==> flow/design.v <==
module gen_switch #(
  parameter BITS = 2,
  parameter WAYS = 32
) (
  input  wire aclk,
  input  wire rstn,
  input  wire [WAYS*BITS-1:0] ch_i,
  input  wire [WAYS-1:0] addr_i,
  output wire [BITS-1:0] z_o_o
);
  reg [WAYS*BITS-1:0] ch_reg;
  reg [WAYS-1:0] addr_reg;
  always @(posedge aclk) begin
    if (!rstn) begin
      ch_reg <= 0;
      addr_reg <= 0;
    end else begin
      ch_reg <= ch_i;
      addr_reg <= addr_i;
    end
  end
  reg [BITS-1:0] r;
  integer idx;
  always @(*) begin
    r = 0;
    for (idx = WAYS-1; idx >= 0; idx = idx - 1)
      if (addr_reg[idx]) r = ch_reg[idx*BITS +: BITS];
  end
  assign z_o_o = r;
endmodule
# ---- From RTL to reports: gen_switch
# What the tools print for gen_switch, step after step.
# Lines are those of the file above, counted from 1.
# Operators carry their Yosys type and port widths (W data, S select, Z words).
# Cell names lack the library's common part.
# Not given: --
dict set report setup {
  top_module {gen_switch}
  clock_port {aclk}
  cell_library {sky130hd}
  corner {tt_025C_1v80}
}

# ---- Word level
# Yosys after proc, flatten, opt, wreduce and memory -nomap, before mapping. Enables and synchronous resets that opt folds into registers are not counted as muxes. Memory bits, and registers merged into a memory's read port (data or address), are not among the register bits. Print and check cells are not counted. Equal cells are merged and count once.
dict set report op_classes {
  muxes 32
}
# operator count
set op_table {}
lappend op_table {{$mux W2} 32}
dict set report bits {
  ff_bits 96
  output_inout_bits 2
  word_cells 34
}

# ---- Depth
# Yosys ltp: most cells in a row. Word level: on the elaborated netlist, between registers, memories and ports. Mapped: between sequential cells and ports; inverters and the memories' decode and read muxes count.
dict set report depth {
  depth_word 32
  abc_area 0
  ltp_mapped 5
  depth_no_buf 5
}

# ---- Synthesis result
# Yosys stat after the flow's synthesis: flattened, memories mapped to cells. It holds for the ABC_AREA given above (unset counts as 0); a run with the other value may have another netlist.
# The area totals of this step are shown rounded.
# cell_type count area_total_um2
set types {}
lappend types {dfxtp_1 96 1.92E+03}
lappend types {and2_1 96 600.576}
lappend types {a21oi_1 15 75.072}
lappend types {nor3b_1 10 75.072}
lappend types {nor2b_1 9 56.304}
lappend types {nand3b_1 6 45.043}
lappend types {a221oi_1 5 43.792}
lappend types {clkbuf_1 10 37.536}
lappend types {o221ai_1 4 35.034}
lappend types {inv_1 9 33.782}
lappend types {a211oi_1 4 30.029}
lappend types {nand2_1 8 30.029}
lappend types {a221o_1 2 20.019}
lappend types {nand2b_1 3 18.768}
lappend types {nor2_1 5 18.768}
lappend types {and2b_2 2 17.517}
lappend types {and3b_1 2 17.517}
lappend types {o311ai_0 2 17.517}
# Not listed: further types 25, cells in them 32.
dict set report mapped {
  mapped_cells 320
  yosys_area_um2 3400
  sequential_area_um2 1900
  ff_cells 96
}

# ---- Path before layout
# Path of least setup slack by OpenSTA after synthesis, without wires, with an ideal clock, recovery checks aside; 20% of the period is set as input and as output delay. Where synthesis merged equal registers, the netlist keeps one of their names.
dict set report synth_timing {
  path_kind {register to output}
  start {reg addr_reg[0]}
  end {out z_o_o[0]}
  period_ps 2250
  arrival_ps 1441
  t_required_ps 1800
  path_slack_ps 359
  delay_ps 1441
  stages 6
  period_less_setup_slack_ps 1891
}
# "delay_ps" = arrival - input delay + setup time.
# A path that ends at an output port has no setup time.
# "stages": output pins that drive a net of the path, with the launching flip-flop's if there is one; two outputs of one cell count as two.
# "period_less_setup_slack_ps" is the clock period less the worst setup slack; recovery checks do not enter. This is arithmetic on one report: input and output delays are still those of the set period (20% each).
# The rows between start and end are the longest chain of elaborated cells between them; the timing report does not say that the signal goes this way. Where chains are equally long, one stands for them.
# Each line given opens the expression or statement behind the cell; cells for indexed reads and writes are added by Yosys, which also makes memories of some case tables.
dict set report synth_between {
  cell_sequence {dfxtp_1 nor2b_4 or4_4 a21oi_2 nor2_1 o31ai_2}
  elab_chain_len 1
}
# item line
set synth_rtl {}
lappend synth_rtl {{start: declaration} 12} ;# reg [WAYS-1:0] addr_reg;
lappend synth_rtl {{start: assignment} 16} ;# addr_reg <= 0;
lappend synth_rtl {{start: assignment} 19} ;# addr_reg <= addr_i;
lappend synth_rtl {{$mux W2} 27} ;# if (addr_reg[idx]) r = ch_reg[idx*BITS +: BITS];
lappend synth_rtl {{end: declaration} 9} ;# output wire [BITS-1:0] z_o_o

# ---- Timing after layout
# Path of least setup slack in the final report of job 1 (OpenROAD, finished layout, wires in). Where an end is a register, its clock arrival counts in the times.
# The report prints the path's times to 10 ps; the period is as set.
dict set report layout_timing {
  path_kind {register to output}
  start {reg addr_reg[30]}
  end {out z_o_o[1]}
  period_ps 1680
  arrival_ps 2250
  t_required_ps 1340
  path_slack_ps -900
  stages 7
}
# The rows between start and end are the longest chain of elaborated cells between them; the timing report does not say that the signal goes this way. Where chains are equally long, one stands for them.
dict set report layout_between {
  cell_sequence {dfxtp_1 a211oi_1 o21ai_0 a21o_1 a311oi_2 o22ai_1 buf_2}
  elab_chain_len 31
}
# item line
set layout_rtl {}
lappend layout_rtl {{start: declaration} 12} ;# reg [WAYS-1:0] addr_reg;
lappend layout_rtl {{start: assignment} 16} ;# addr_reg <= 0;
lappend layout_rtl {{start: assignment} 19} ;# addr_reg <= addr_i;
lappend layout_rtl {{$mux W2 (31 in a row)} 27} ;# if (addr_reg[idx]) r = ch_reg[idx*BITS +: BITS];
lappend layout_rtl {{end: declaration} 9} ;# output wire [BITS-1:0] z_o_o

Data sheet: physical implementation of gen_switch

Measured results for gen_switch: 3 stored runs of the Yosys and OpenROAD flow on sky130hd. The settings differ; the order carries no meaning. The constraints put input and output delay at 20% of the set period each and load the outputs with 0.01 pF.
"period_reached_ps" is the run's clock period less its worst setup slack. It is reckoned from that one timing run; input and output delays stay at 20% of the period that was set.
"timing.worst_path_ps" is the time allowed to the run's worst setup path (the clock period less input and output delay, where it has them) less its slack. Clock arrival times count: a late capture clock shortens it, a late launch clock lengthens it.
"power_uw": no workload was simulated; the value follows from the tool's default switching activity.
"timing.worst_path_ps" is given in steps of 10 ps.
Results are given in rounded form.

# job 1
==> flow/run.sh <==
#!/bin/bash
# the make line also repeats the synthesis and layout settings of config.mk as NAME=value (left out here)
make -C /OpenROAD-flow-scripts/flow DESIGN_CONFIG=/design/flow/config.mk WORK_HOME=/design/flow/orfs CLKGATE_MAP_FILE= finish
==> flow/config.mk <==
export PLATFORM = sky130hd
export DESIGN_NAME = gen_switch
export DESIGN_NICKNAME = gen_switch
export VERILOG_FILES = /design/flow/design.v
export SDC_FILE = /design/flow/constraint.sdc
export NUM_CORES = 4
export LEC_CHECK = 0
export CAP_MARGIN = 20
export CORE_MARGIN = 9
export CORE_UTILIZATION = 61
export CTS_CLUSTER_DIAMETER = 53
export MIN_ROUTING_LAYER = met1
export PLACE_DENSITY_LB_ADDON = 0.05
export SLEW_MARGIN = 20
export TNS_END_PERCENT = 5
==> flow/constraint.sdc <==
create_clock -name core_clock -period 1.68 [get_ports {aclk}]
set_input_delay 0.3360 -clock core_clock [delete_from_list [all_inputs] [get_ports {aclk}]]
set_output_delay 0.3360 -clock core_clock [all_outputs]
set_load 0.01 [all_outputs]

==> job 1: results <==
worstSetupSlack_ps=-900
total_negative_slack_ps=-1700
yosys.chip_area_um2=3400
worst_hold_slack_ps=540
die_footprint_um2=8500
fin_util_frac=0.94
power_uw=4700
period_reached_ps=2585
timing.worst_path_ps=2250
timing.worst_path_kind="register to output"
cell_area_final_um2=4900

# job 2
==> flow/run.sh <==
#!/bin/bash
# the make line also repeats the synthesis and layout settings of config.mk as NAME=value (left out here)
make -C /OpenROAD-flow-scripts/flow DESIGN_CONFIG=/design/flow/config.mk WORK_HOME=/design/flow/orfs CLKGATE_MAP_FILE= finish
==> flow/config.mk <==
export PLATFORM = sky130hd
export DESIGN_NAME = gen_switch
export DESIGN_NICKNAME = gen_switch
export VERILOG_FILES = /design/flow/design.v
export SDC_FILE = /design/flow/constraint.sdc
export NUM_CORES = 4
export LEC_CHECK = 0
export CAP_MARGIN = 20
export CORE_MARGIN = 4
export CORE_UTILIZATION = 46
export CTS_CLUSTER_DIAMETER = 187
export CTS_CLUSTER_SIZE = 54
export GPL_ROUTABILITY_DRIVEN = 0
export MIN_ROUTING_LAYER = met2
export PLACE_DENSITY_LB_ADDON = 0.01
export SLEW_MARGIN = 20
==> flow/constraint.sdc <==
create_clock -name core_clock -period 3.05 [get_ports {aclk}]
set_input_delay 0.6100 -clock core_clock [delete_from_list [all_inputs] [get_ports {aclk}]]
set_output_delay 0.6100 -clock core_clock [all_outputs]
set_load 0.01 [all_outputs]

==> job 2: results <==
cell_area_final_um2=4700
total_negative_slack_ps=0
timing.worst_path_ps=2250
timing.worst_path_kind="register to output"
power_uw=2500
worst_hold_slack_ps=810
period_reached_ps=2860
worstSetupSlack_ps=190
fin_util_frac=0.67
yosys.chip_area_um2=3400
die_footprint_um2=8700

# job 3
==> flow/run.sh <==
#!/bin/bash
# the make line also repeats the synthesis and layout settings of config.mk as NAME=value (left out here)
make -C /OpenROAD-flow-scripts/flow DESIGN_CONFIG=/design/flow/config.mk WORK_HOME=/design/flow/orfs CLKGATE_MAP_FILE= finish
==> flow/config.mk <==
export PLATFORM = sky130hd
export DESIGN_NAME = gen_switch
export DESIGN_NICKNAME = gen_switch
export VERILOG_FILES = /design/flow/design.v
export SDC_FILE = /design/flow/constraint.sdc
export NUM_CORES = 4
export LEC_CHECK = 0
export CAP_MARGIN = 20
export CORE_MARGIN = 2
export CORE_UTILIZATION = 40
export SLEW_MARGIN = 20
==> flow/constraint.sdc <==
create_clock -name core_clock -period 2.25 [get_ports {aclk}]
set_input_delay 0.4500 -clock core_clock [delete_from_list [all_inputs] [get_ports {aclk}]]
set_output_delay 0.4500 -clock core_clock [all_outputs]
set_load 0.01 [all_outputs]

==> job 3: results <==
timing.worst_path_ps=1990
timing.worst_path_kind="register to output"
period_reached_ps=2437
total_negative_slack_ps=-330
worstSetupSlack_ps=-190
yosys.chip_area_um2=3400
cell_area_final_um2=5000
fin_util_frac=0.61
worst_hold_slack_ps=580
die_footprint_um2=9100
power_uw=3500
